==> flow/design.v <==
module mag_cmp #(
    parameter DW = 32
) (
    input  logic CLK,
    input  logic [DW-1:0] i_first,
    input  logic [DW-1:0] i_second,
    output logic o_lt,
    output logic o_a_eq_b,
    output logic o_greater
);
    logic [DW-1:0] first_s;
    logic [DW-1:0] second_s;
    always_ff @(posedge CLK) begin
        first_s <= i_first;
        second_s <= i_second;
    end
    localparam HW = DW / 2;
    logic lt_hi_s;
    logic eq_hi_s;
    logic lt_lo_s;
    logic eq_lo_s;
    logic lt_s;
    always_ff @(posedge CLK) begin
        lt_hi_s <= (first_s[DW-1:HW] < second_s[DW-1:HW]);
        eq_hi_s <= (first_s[DW-1:HW] == second_s[DW-1:HW]);
        lt_lo_s <= (first_s[HW-1:0] < second_s[HW-1:0]);
        eq_lo_s <= (first_s[HW-1:0] == second_s[HW-1:0]);
        lt_s <= lt_hi_s | (eq_hi_s & lt_lo_s);
    end
    assign o_lt = lt_s;
    logic a_eq_b_s;
    always_ff @(posedge CLK)
        a_eq_b_s <= eq_hi_s & eq_lo_s;
    assign o_a_eq_b = a_eq_b_s;
    logic greater_s;
    always_ff @(posedge CLK)
        greater_s <= ~(lt_hi_s | (eq_hi_s & (lt_lo_s | eq_lo_s)));
    assign o_greater = greater_s;
endmodule
# == From RTL to reports: mag_cmp ==
# The steps from the RTL of mag_cmp to its reports follow in flow order.
# Line numbers count from 1 in the design file above.
# Library cell names are shortened.
# The mark -- stands for no value.
# design
top_module,mag_cmp
clock,CLK
cell_library,sky130hd
lib_corner,tt_025C_1v80

# == Word-level counts ==
# Counts by Yosys on the flattened word-level netlist (proc, flatten, opt, wreduce; memories kept). Register bits leave out memories and registers merged into their read ports (data or address); mux counts leave out enables and synchronous resets folded into registers. Print and check cells are left out. Cells with the same type and inputs are merged into one.
# bits
regBits,71
in_bits,65
output_inout_bits,3
elab_cells,20
# classes
n_cmp,2
eq_ne,2
logic,7
# ops
op,count
less-than comparator 16 bit,2
== test 16 bit,2
bitwise AND 1 bit,3
bitwise OR 1 bit,3
NOT 1 bit,1

# == Logic depth ==
# Yosys ltp: most cells in a row. Word level: on the elaborated netlist, between registers, memories and ports. Mapped: between sequential cells and ports; inverters and the memories' decode and read muxes count.
# logic_depth
ltp_word,4
ABC_AREA,0
ltp_mapped,6
mapped_depth_nobuf,6

# == Mapped cells and area ==
# Source: synth_stat.txt of the flow (Yosys; design flattened, memories mapped). It holds for the ABC_AREA given above (unset counts as 0); a run with the other value may have another netlist.
# synth_totals
mapped_cells,184
synth_area_mm2,0.0022359
seq_area_mm2,0.0014214
ffs,71
# by_type
cell_type,count
dfxtp_1,71
ha_1,32
inv_1,32
nand4_1,8
a21oi_1,9
a21oi_2,3
a21o_1,3
a221o_1,2
nand3_1,4
a2111oi_0,2
nand2_1,4
o211ai_1,2
nor2b_1,2
nor4_1,2
nor2_1,3
nor3_1,2
and2_1,1
o21ai_0,1
o21ai_1,1

# == Path before layout ==
# OpenSTA on the mapped netlist: ideal clock, no wires. The path of least setup slack (recovery checks aside). Input and output delay are each 20% of the period. Register names are those of the netlist, which keeps one name where synthesis merged equal registers.
# synth_path
path_kind,reg2reg
startpoint,register second_s[30]
endpoint,register lt_hi_s
tclk_ns,1.7
launch_ns,0.000
arrival_time_ns,1.279
t_required_ns,1.622
slack_ns,0.343
delay_ns,1.357
driving_pins,7
path_buffers,0
synth_period_reached_ns,1.357
# "delay_ns" is the arrival time less input delay plus setup time.
# "driving_pins" counts driving pins, that of a launching flip-flop among them; a cell with two outputs on the path counts twice.
# "synth_period_reached_ns" is the clock period less the worst setup slack; recovery checks do not enter. This is arithmetic on one report: input and output delays are still those of the set period (20% each).
# Between the ends stands the longest chain of elaborated cells between them, by number of cells; it is not shown to be the way that was timed. Of several equally long chains one is given.
# A line is the first line of the expression or statement that the cell stems from. Yosys adds cells for indexed reads and writes and turns some case tables into memories.
# synth_between
path_cell_list,dfxtp_1 > inv_1 > ha_1 > a21oi_2 > nand2_1 > a221o_1 > nor3_1
elab_chain_cells,1
cells_between,1
classes_between,1 x compare
# synth_lines
item,line,source
"start, declared",12,logic [DW-1:0] second_s;
"start, assigned",15,second_s <= i_second;
less-than comparator 16 bit,24,lt_hi_s <= (first_s[DW-1:HW] < second_s[DW-1:HW]);
"end, assigned",24,
"end, declared",18,logic lt_hi_s;

# == Path in the finished layout ==
# Path of least setup slack in the final report of record 2 (OpenROAD, finished layout, wires in). Where an end is a register, its clock arrival counts in the times.
# layout_path
path_kind,reg2reg
startpoint,register second_s[30]
endpoint,register lt_hi_s
tclk_ns,1.7
launch_ns,0.32
arrival_time_ns,1.76
t_required_ns,1.90
slack_ns,0.14
driving_pins,6
path_buffers,0
# Between the ends stands the longest chain of elaborated cells between them, by number of cells; it is not shown to be the way that was timed. Of several equally long chains one is given.
# layout_between
path_cell_list,dfxtp_1 > inv_1 > ha_1 > nand4_1 > a2111oi_1 > nor3_1
elab_chain_cells,1
cells_between,1
classes_between,1 x compare
# layout_lines
item,line,source
"start, declared",12,logic [DW-1:0] second_s;
"start, assigned",15,second_s <= i_second;
less-than comparator 16 bit,24,lt_hi_s <= (first_s[DW-1:HW] < second_s[DW-1:HW]);
"end, assigned",24,
"end, declared",18,logic lt_hi_s;

# Design mag_cmp on sky130hd. What follows are 3 stored runs of the flow, each under its own settings; their order means nothing. The constraints put input and output delay at 20% of the set period each and load the outputs with 0.01 pF.
# "achieved_period_ns" is the run's clock period less its worst setup slack. It is reckoned from that one timing run; input and output delays stay at 20% of the period that was set.
# By "worst_setup_path_time_ns" is meant the share of the clock period that the worst setup path is allowed (20% is reserved at inputs, 20% at outputs), minus its slack. Clock arrival times at its registers enter into it.
# "totalPower_mw" rests on the timing tool's default activity at the inputs, not on a simulated workload.
# Settings: . = not set for that run.
# Results: . = not shown.
setting or result,record 1,record 2,record 3
period_ns,1.25,1.7,1.52
CORE_UTILIZATION,65,40,39
PLACE_DENSITY_LB_ADDON,0.23,.,.
CORE_ASPECT_RATIO,1.4,.,.
CELL_PAD_IN_SITES_GLOBAL_PLACEMENT,3,.,2
CELL_PAD_IN_SITES_DETAIL_PLACEMENT,0,.,.
GPL_ROUTABILITY_DRIVEN,0,.,.
CTS_CLUSTER_DIAMETER,146,.,299
SLEW_MARGIN,30,20,0
CAP_MARGIN,20,20,25
CORE_MARGIN,2,2,2
SETUP_SLACK_MARGIN,.,.,0.2
HOLD_SLACK_MARGIN,.,.,0.23
TNS_END_PERCENT,.,.,60
ABC_AREA,.,.,1
MIN_ROUTING_LAYER,.,.,met1
MAX_ROUTING_LAYER,.,.,met4
timing.setup.tns_ns,.,0.000,0.000
worst_hold_slack_ns,.,0.430,0.413
totalPower_mw,.,3.449,3.561
yosys_chip_area_mm2,.,0.0022359,0.0022985
final_die_area_mm2,.,0.0062039,0.0065238
worst_setup_path_time_ns,.,1.56,1.16
worst_path_kind,.,reg2reg,reg2out
achieved_period_ns,.,1.561,1.464
setup_ws_ns,.,0.139,0.056
final_stdcell_area_mm2,.,0.0032081,0.0032118
fin_util_pct,.,59.0,57.3
# Record 1: no final report: placement broke off with FLW-0024
